==> flow/design.v <==
module cpu_sel_unit #(
   parameter XLEN = 3,
   parameter LANES = 16,
   parameter SEL_WIDTH = $clog2(LANES)
) (
   input wire clk_i,
   input wire RSTN,
   input wire enable,
   input wire [LANES*XLEN-1:0] d_in,
   input wire [SEL_WIDTH-1:0] choose_in,
   output wire [XLEN-1:0] y_out
);
   reg [LANES*XLEN-1:0] d_ff;
   always @(posedge clk_i or negedge RSTN) begin
      if (~RSTN) begin
         d_ff <= 0;
      end else if (enable) begin
         d_ff <= d_in;
      end
   end
   reg [SEL_WIDTH-1:0] choose_ff;
   always @(posedge clk_i or negedge RSTN) begin
      if (~RSTN) begin
         choose_ff <= 0;
      end else if (enable) begin
         choose_ff <= choose_in;
      end
   end
   wire [XLEN-1:0] node [1:2*LANES-1];
   genvar i;
   generate
      for (i = 0; i < LANES; i = i + 1) begin : row
         assign node[LANES+i] = d_ff[i*XLEN +: XLEN];
      end
      for (i = 1; i < LANES; i = i + 1) begin : g_bit
         assign node[i] = choose_ff[SEL_WIDTH - $clog2(i+1)] ? node[2*i+1] : node[2*i];
      end
   endgenerate
   assign y_out = node[1];
endmodule
# --- Reports on cpu_sel_unit ---
# What the tools print for cpu_sel_unit, step after step.
# Line numbers count from 1 in the design file above.
# Operators: Yosys type, input widths -> output width; for muxes data width and select width s.
# Library cell names are shortened.
design:
  top_module: "cpu_sel_unit"
  clock_port: "clk_i"
  lib: "sky130hd"
  pvt_corner: "tt_025C_1v80"

# --- Word level ---
# Source: Yosys, flattened and elaborated. Widths are those after wreduce; folded enables and synchronous resets count as part of the registers. Registers that Yosys merges into a memory's read port (data or address) are not register bits. Print and check cells do not count. Equal cells are merged and count once.
word_totals:
  rom_bits: 0
  ram_bits: 0
  inputBits: 55
  output_inout_bits: 3
  elab_cells: 17
  regBits: 52
  latchBits: 0
  memories: 0
  clocked_rd_ports_x_width: 0
op_classes:
  bitwise: 0
  n_cmp: 0
  n_addsub: 0
  eq_ne: 0
  n_shift: 0
  div_mod_pow: 0
  reduce_and_logical: 0
  mux: 15
  n_mul: 0
ops:
  columns: ["operator", "n"]
  rows:
  - ["$mux 3", 15]

# --- Logic depth ---
# Depth = most cells in a row (Yosys ltp): at word level without a register or memory, in the mapped netlist without a sequential cell, where the memories' decode and read muxes count.
logic_depth:
  word_depth: 4
  ABC_AREA: 0
  depth_mapped: 4
  mapped_depth_nobuf: 3

# --- After synthesis ---
# The flow's flattened synthesis, as Yosys stat reports it; memories are mapped. The netlist is that of the ABC_AREA named above (0 if unset); the other value can give another one.
types:
  columns: ["cell", "n", "area_total_um2"]
  rows:
  - ["dfrtp_1", 52, 1.3E+03]
  - ["mux2_2", 52, 585.562]
  - ["mux4_1", 9, 236.477]
  - ["mux4_2", 3, 67.565]
  - ["nand3_1", 6, 30.029]
  - ["buf_2", 5, 25.024]
  - ["a22oi_1", 3, 22.522]
  - ["nor2b_1", 2, 12.512]
  - ["buf_6", 1, 11.261]
  - ["nand2_1", 3, 11.261]
  - ["buf_1", 1, 3.754]
  - ["clkbuf_1", 1, 3.754]
  - ["nor2_1", 1, 3.754]
mapped:
  buffers: 8
  sequential_area_um2: 1301.2
  stdcells: 139
  synth_area_um2: 2314.7
  flip_flops: 52

# --- Path before layout ---
# Source: OpenSTA report_checks on the synthesized netlist (no wires, ideal clock, input and output delay 20% of the period each), path of least setup slack; recovery checks are left aside. Register names are those of the netlist, which keeps one name where synthesis merged equal registers.
synth_timing:
  path_type: "register to output"
  from: "register (name not given)"
  to: "output y_out[0]"
  setup_slack_ps: 336
  out_delay_ps: 418
  path_stages: 5
  arrival_time_ps: 1336
  path_delay_ps: 1336
  required_ps: 1672
  t_first_pin_ps: 0
  path_buffers: 1
  period_ps: 2090
  synth_period_reached_ps: 1754
# "path_delay_ps" = arrival - input delay + setup time.
# At an output port there is no setup time.
# "path_stages": output pins that drive a net of the path, with the launching flip-flop's if there is one; two outputs of one cell count as two.
# "synth_period_reached_ps" = period - worst setup slack (recovery checks aside). The figure is calculated, with input and output delays left at 20% of the set period.
# Between the ends stands the longest chain of elaborated cells between them, by number of cells; it is not shown to be the way that was timed. Of several equally long chains one is given.
# Each line given opens the expression or statement behind the cell; cells for indexed reads and writes are added by Yosys, which also makes memories of some case tables.
synth_via:
  path_cell_list: "dfrtp_1 -> buf_6 -> mux4_2 -> a22oi_1 -> nand3_1"
  elab_chain_cells: 4
  cells_between: 15
  cone_lines: 1
  classes_between: "15 x mux"
synth_lines:
  columns: ["item", "line", "text"]
  rows:
  - ["from (decl)", 21, null]
  - ["from (assign)", 24, null]
  - ["from (assign)", 26, null]
  - ["$mux 3 x4", 36, null]
  - ["to (decl)", 11, "output wire [XLEN-1:0] y_out"]

# --- Timing after layout ---
# From the final timing report of stored run 1: the path of least setup slack in the routed layout; clock arrival at registers is part of the times.
# The path's times are printed in steps of 10 ps; the period is the one set.
layout_timing:
  path_type: "register to output"
  from: "register (name not given)"
  to: "output y_out[0]"
  path_buffers: 2
  path_stages: 6
  setup_slack_ps: -50
  required_ps: 2230
  period_ps: 2790
  t_first_pin_ps: 300
  out_delay_ps: 560
  arrival_time_ps: 2290
# Between the ends stands the longest chain of elaborated cells between them, by number of cells; it is not shown to be the way that was timed. Of several equally long chains one is given.
layout_via:
  path_cell_list: "dfrtp_1 -> buf_4 -> mux4_1 -> nand3_1 -> nand3_1 -> clkdlybuf4s50_1"
  elab_chain_cells: 4
  cells_between: 15
  cone_lines: 1
  classes_between: "15 x mux"
layout_lines:
  columns: ["item", "line", "text"]
  rows:
  - ["from (decl)", 21, null]
  - ["from (assign)", 24, null]
  - ["from (assign)", 26, null]
  - ["$mux 3 x4", 36, null]
  - ["to (decl)", 11, "output wire [XLEN-1:0] y_out"]

Data sheet: physical implementation of cpu_sel_unit

Stored flow runs of cpu_sel_unit (3 of them; Yosys, OpenROAD, sky130hd). They differ in their settings and are not a sequence. Constraints: input delay and output delay 20% of the set period each, output load 0.01 pF.
"power_uw": no workload was simulated; the value follows from the tool's default switching activity.

--- stored run 1 ---
==> flow/run.sh <==
#!/bin/bash
# the make line also repeats the synthesis and layout settings of config.mk as NAME=value (left out here)
make -C /OpenROAD-flow-scripts/flow DESIGN_CONFIG=/design/flow/config.mk WORK_HOME=/design/flow/orfs CLKGATE_MAP_FILE= finish
==> flow/config.mk <==
export PLATFORM = sky130hd
export DESIGN_NAME = cpu_sel_unit
export DESIGN_NICKNAME = cpu_sel_unit
export VERILOG_FILES = /design/flow/design.v
export SDC_FILE = /design/flow/constraint.sdc
export NUM_CORES = 4
export LEC_CHECK = 0
export CAP_MARGIN = 40
export CELL_PAD_IN_SITES_DETAIL_PLACEMENT = 0
export CORE_MARGIN = 2
export CORE_UTILIZATION = 40
export CTS_CLUSTER_DIAMETER = 291
export GPL_TIMING_DRIVEN = 1
export MIN_ROUTING_LAYER = met2
export SETUP_SLACK_MARGIN = -0.2
export SLEW_MARGIN = 5
==> flow/constraint.sdc <==
create_clock -name core_clock -period 2.79 [get_ports {clk_i}]
set_input_delay 0.5580 -clock core_clock [delete_from_list [all_inputs] [get_ports {clk_i}]]
set_output_delay 0.5580 -clock core_clock [all_outputs]
set_load 0.01 [all_outputs]

==> results, as YAML <==
results:
  post_synth_area_um2: 2314.7
  die_area_um2: 6411.2
  post_route_stdcell_area_um2: 3064.2
  finalUtil_frac: 0.553
  final_setup_ws_ps: -55
  final_setup_tns_ps: -82
  power_uw: 1632

--- stored run 2 ---
==> flow/run.sh <==
#!/bin/bash
# the make line also repeats the synthesis and layout settings of config.mk as NAME=value (left out here)
make -C /OpenROAD-flow-scripts/flow DESIGN_CONFIG=/design/flow/config.mk WORK_HOME=/design/flow/orfs CLKGATE_MAP_FILE= finish
==> flow/config.mk <==
export PLATFORM = sky130hd
export DESIGN_NAME = cpu_sel_unit
export DESIGN_NICKNAME = cpu_sel_unit
export VERILOG_FILES = /design/flow/design.v
export SDC_FILE = /design/flow/constraint.sdc
export NUM_CORES = 4
export LEC_CHECK = 0
export ABC_AREA = 0
export CAP_MARGIN = 30
export CELL_PAD_IN_SITES_GLOBAL_PLACEMENT = 1
export CORE_ASPECT_RATIO = 0.75
export CORE_MARGIN = 2
export CORE_UTILIZATION = 35
export CTS_CLUSTER_SIZE = 43
export GPL_ROUTABILITY_DRIVEN = 1
export PLACE_DENSITY_LB_ADDON = 0.17
export SETUP_SLACK_MARGIN = -0.0
export SLEW_MARGIN = 20
==> flow/constraint.sdc <==
create_clock -name core_clock -period 1.05 [get_ports {clk_i}]
set_input_delay 0.2100 -clock core_clock [delete_from_list [all_inputs] [get_ports {clk_i}]]
set_output_delay 0.2100 -clock core_clock [all_outputs]
set_load 0.01 [all_outputs]

==> results, as YAML <==
results:
  post_synth_area_um2: 2314.7
  die_area_um2: 7287.1
  post_route_stdcell_area_um2: 3160.5
  finalUtil_frac: 0.498
  final_setup_ws_ps: -981
  final_setup_tns_ps: -2878
  power_uw: 4276

--- stored run 3 ---
==> flow/run.sh <==
#!/bin/bash
# the make line also repeats the synthesis and layout settings of config.mk as NAME=value (left out here)
make -C /OpenROAD-flow-scripts/flow DESIGN_CONFIG=/design/flow/config.mk WORK_HOME=/design/flow/orfs CLKGATE_MAP_FILE= finish
==> flow/config.mk <==
export PLATFORM = sky130hd
export DESIGN_NAME = cpu_sel_unit
export DESIGN_NICKNAME = cpu_sel_unit
export VERILOG_FILES = /design/flow/design.v
export SDC_FILE = /design/flow/constraint.sdc
export NUM_CORES = 4
export LEC_CHECK = 0
export CAP_MARGIN = 20
export CORE_MARGIN = 2
export CORE_UTILIZATION = 40
export SLEW_MARGIN = 20
==> flow/constraint.sdc <==
create_clock -name core_clock -period 2.09 [get_ports {clk_i}]
set_input_delay 0.4180 -clock core_clock [delete_from_list [all_inputs] [get_ports {clk_i}]]
set_output_delay 0.4180 -clock core_clock [all_outputs]
set_load 0.01 [all_outputs]

==> results, as YAML <==
results:
  post_synth_area_um2: 2314.7
  die_area_um2: 6411.2
  post_route_stdcell_area_um2: 3165.5
  finalUtil_frac: 0.571
  final_setup_ws_ps: -112
  final_setup_tns_ps: -322
  power_uw: 2307
